==> flow/design.v <==
module core_times_blk #(
  parameter DATA_W = 4
) (
  input logic core_clk,
  input logic i_rst_n,
  input logic clk_en,
  input logic signed [DATA_W-1:0] a,
  input logic signed [DATA_W-1:0] b,
  output logic signed [2*DATA_W-1:0] out
);
  logic signed [2*DATA_W-1:0] out_ff;
  assign out = out_ff;
  always_ff @(posedge core_clk or negedge i_rst_n) begin
    if (~i_rst_n) begin
      out_ff <= '0;
    end else if (clk_en) begin
      out_ff <= a * b;
    end
  end
endmodule
# --- Step by step through the tools: core_times_blk ---
# What the tools print for core_times_blk, step after step.
# Line numbers count from 1 in the design file above.
# Operators carry their Yosys type and port widths (W data, S select, Z words).
# Library cell names are shortened.
setup:
  design: "core_times_blk"
  clk_port: "core_clk"
  cell_library: "sky130hd"
  pvt_corner: "tt_025C_1v80"

# --- Word-level counts ---
# Counts by Yosys on the flattened word-level netlist (proc, flatten, opt, wreduce; memories kept). Register bits leave out memories and registers merged into their read ports (data or address); mux counts leave out enables and synchronous resets folded into registers. Print and check cells are left out. Cells with the same type and inputs are merged into one.
bits:
  ff_bits: 8
  wordCells: 2
op_classes:
  multipliers: 1
op_table:
  columns: ["op", "n"]
  rows:
  - ["$mul A4 B4 Y8", 1]

# --- Depth ---
# Longest topological path by Yosys (ltp), each cell counted once; first at word level (registers and memories cut), then after technology mapping (sequential cells cut; the memories' decode and read muxes count).
logic_depth:
  depth_word: 1
  ABC_AREA: 0
  mapped_depth: 12

# --- Mapped cells and area ---
# Source: synth_stat.txt of the flow (Yosys; design flattened, memories mapped). It holds for the ABC_AREA given above (unset counts as 0); a run with the other value may have another netlist.
# The area totals of this step are shown rounded.
mapped:
  cells: 78
  mapped_area_mm2: 0.0008708
  ffs: 8
  seqArea_mm2: 0.0002002
types:
  columns: ["cell", "n", "type_area_um2"]
  rows:
  - ["dfrtp_1", 8, 200.192]
  - ["fa_1", 9, 180.173]
  - ["ha_1", 12, 150.144]
  - ["mux2_2", 5, 56.304]
  - ["inv_1", 13, 48.797]
  - ["xnor2_1", 5, 43.792]
  - ["and2_1", 6, 37.536]
  - ["xnor3_1", 1, 22.522]
  - ["a21oi_4", 1, 16.266]
  - ["a21o_1", 2, 15.014]
  - ["and2_2", 2, 15.014]
  - ["mux2_4", 1, 15.014]
  - ["buf_6", 1, 11.261]
  - ["nor2_1", 3, 11.261]
  - ["a21oi_1", 2, 10.01]
  - ["nand2_1", 2, 7.507]
  - ["o21bai_1", 1, 7.507]
  - ["nand2_2", 1, 6.256]
# Not listed: further types 3, cells in them 3.

# --- Path before layout ---
# Source: OpenSTA report_checks on the synthesized netlist (no wires, ideal clock, input and output delay 20% of the period each), path of least setup slack; recovery checks are left aside. Register names are those of the netlist, which keeps one name where synthesis merged equal registers.
synth_timing:
  path_kind: "in2reg"
  from: "input port a[0]"
  to: "register out_ff[7]"
  path_slack_ps: 771
  n_path_buf: 0
  t_first_pin_ps: 962
  setup_ps: 125
  input_delay_ps: 962
  path_delay_ps: 3077
  arrival_time_ps: 3914
  driving_pins: 11
  clock_period_ps: 4810
  period_less_setup_slack_ps: 4039
# "path_delay_ps" is the arrival time less input delay plus setup time.
# "driving_pins": output pins that drive a net of the path, with the launching flip-flop's if there is one; two outputs of one cell count as two.
# "period_less_setup_slack_ps" is the clock period less the worst setup slack; recovery checks do not enter. This is arithmetic on one report: input and output delays are still those of the set period (20% each).
# Between the ends stands the longest chain of elaborated cells between them, by number of cells; it is not shown to be the way that was timed. Of several equally long chains one is given.
# A line is the first line of the expression or statement that the cell stems from. Yosys adds cells for indexed reads and writes and turns some case tables into memories.
synth_via:
  cell_sequence: "nand2b_1 fa_1 fa_1 fa_1 inv_1 ha_1 fa_1 a21o_1 a21oi_4 xnor2_1 mux2_4"
  elab_chain_len: 1
  cells_between: 1
  classes_between: "1 x mul"
synth_rtl:
  columns: ["item", "line", "rtl"]
  rows:
  - ["from (decl)", 7, "input logic signed [DATA_W-1:0] a,"]
  - ["$mul A4 B4 Y8", 17, "out_ff <= a * b;"]
  - ["to (assign)", 15, "out_ff <= '0;"]
  - ["to (assign)", 17, null]
  - ["to (decl)", 11, "logic signed [2*DATA_W-1:0] out_ff;"]

# --- Worst path after layout ---
# Path of least setup slack in the final report of record 1 (OpenROAD, finished layout, wires in). Where an end is a register, its clock arrival counts in the times.
# The path's times are printed in steps of 10 ps; the period is the one set.
layout_timing:
  path_kind: "in2reg"
  from: "input port a[0]"
  to: "register out_ff[7]"
  arrival_time_ps: 4520
  path_slack_ps: 420
  setup_ps: 110
  driving_pins: 12
  n_path_buf: 1
  input_delay_ps: 960
  clock_period_ps: 4810
  t_first_pin_ps: 960
# Between the ends stands the longest chain of elaborated cells between them, by number of cells; it is not shown to be the way that was timed. Of several equally long chains one is given.
layout_via:
  cell_sequence: "clkdlybuf4s50_1 nand2b_1 fa_1 fa_1 fa_1 inv_1 ha_1 fa_1 a21o_1 a21oi_4 xnor2_1 mux2_4"
  elab_chain_len: 1
  cells_between: 1
  classes_between: "1 x mul"
layout_rtl:
  columns: ["item", "line", "rtl"]
  rows:
  - ["from (decl)", 7, "input logic signed [DATA_W-1:0] a,"]
  - ["$mul A4 B4 Y8", 17, "out_ff <= a * b;"]
  - ["to (assign)", 15, "out_ff <= '0;"]
  - ["to (assign)", 17, null]
  - ["to (decl)", 11, "logic signed [2*DATA_W-1:0] out_ff;"]

# Stored flow runs of core_times_blk (3 of them; Yosys, OpenROAD, sky130hd). They differ in their settings and are not a sequence. Constraints: input delay and output delay 20% of the set period each, output load 0.01 pF.
# "achievedPeriod_ps" is the run's clock period less its worst setup slack. It is reckoned from that one timing run; input and output delays stay at 20% of the period that was set.
# "worst_setup_path_time_ps" is the time allowed to the run's worst setup path (the clock period less input and output delay, where it has them) less its slack. Clock arrival times count: a late capture clock shortens it, a late launch clock lengthens it.
# "total_power_uw" is the tool's figure for a default switching activity; nothing was simulated.
# "worst_setup_path_time_ps" is given in steps of 10 ps.
# Values from the reports are rounded here.
runs:
  - name: "record 1"
    settings:
      period_ns: 4.81
      CAP_MARGIN: 20
      CORE_MARGIN: 2
      CORE_UTILIZATION: 40
      SLEW_MARGIN: 20
    results:
      final_cell_area_mm2: 0.001096
      fin_ws_ps: 420
      setup_tns_ps: 0
      layout_utilization_pct: 54.8
      worst_hold_slack_ps: 503
      total_power_uw: 352.9
      worst_setup_path_time_ps: 3430
      path_kind: "in2reg"
      achievedPeriod_ps: 4390
      synth_chip_area_mm2: 0.0008708
      final_die_area_mm2: 0.002566
  - name: "record 2"
    settings:
      period_ns: 6.2
      CORE_UTILIZATION: 23
      PLACE_DENSITY: 0.95
      GPL_TIMING_DRIVEN: 1
      MAX_ROUTING_LAYER: "met5"
      CAP_MARGIN: 20
      CORE_MARGIN: 2
      SLEW_MARGIN: 20
    results:
      final_cell_area_mm2: 0.001141
      fin_ws_ps: 1497
      setup_tns_ps: 0
      layout_utilization_pct: 31.2
      worst_hold_slack_ps: 512
      total_power_uw: 301.2
      worst_setup_path_time_ps: 3460
      path_kind: "in2reg"
      achievedPeriod_ps: 4703
      synth_chip_area_mm2: 0.0008708
      final_die_area_mm2: 0.004294
  - name: "record 3"
    settings:
      period_ns: 4.55
      CORE_UTILIZATION: 15
      PLACE_DENSITY_LB_ADDON: 0.04
      CORE_ASPECT_RATIO: 1.44
      TNS_END_PERCENT: 25
      ABC_AREA: 0
      GPL_ROUTABILITY_DRIVEN: 1
      CAP_MARGIN: 20
      CORE_MARGIN: 2
      SLEW_MARGIN: 20
    results:
      final_cell_area_mm2: 0.001214
      fin_ws_ps: 267
      setup_tns_ps: 0
      layout_utilization_pct: 21.5
      worst_hold_slack_ps: 507
      total_power_uw: 413.9
      worst_setup_path_time_ps: 3370
      path_kind: "in2reg"
      achievedPeriod_ps: 4283
      synth_chip_area_mm2: 0.0008708
      final_die_area_mm2: 0.006441
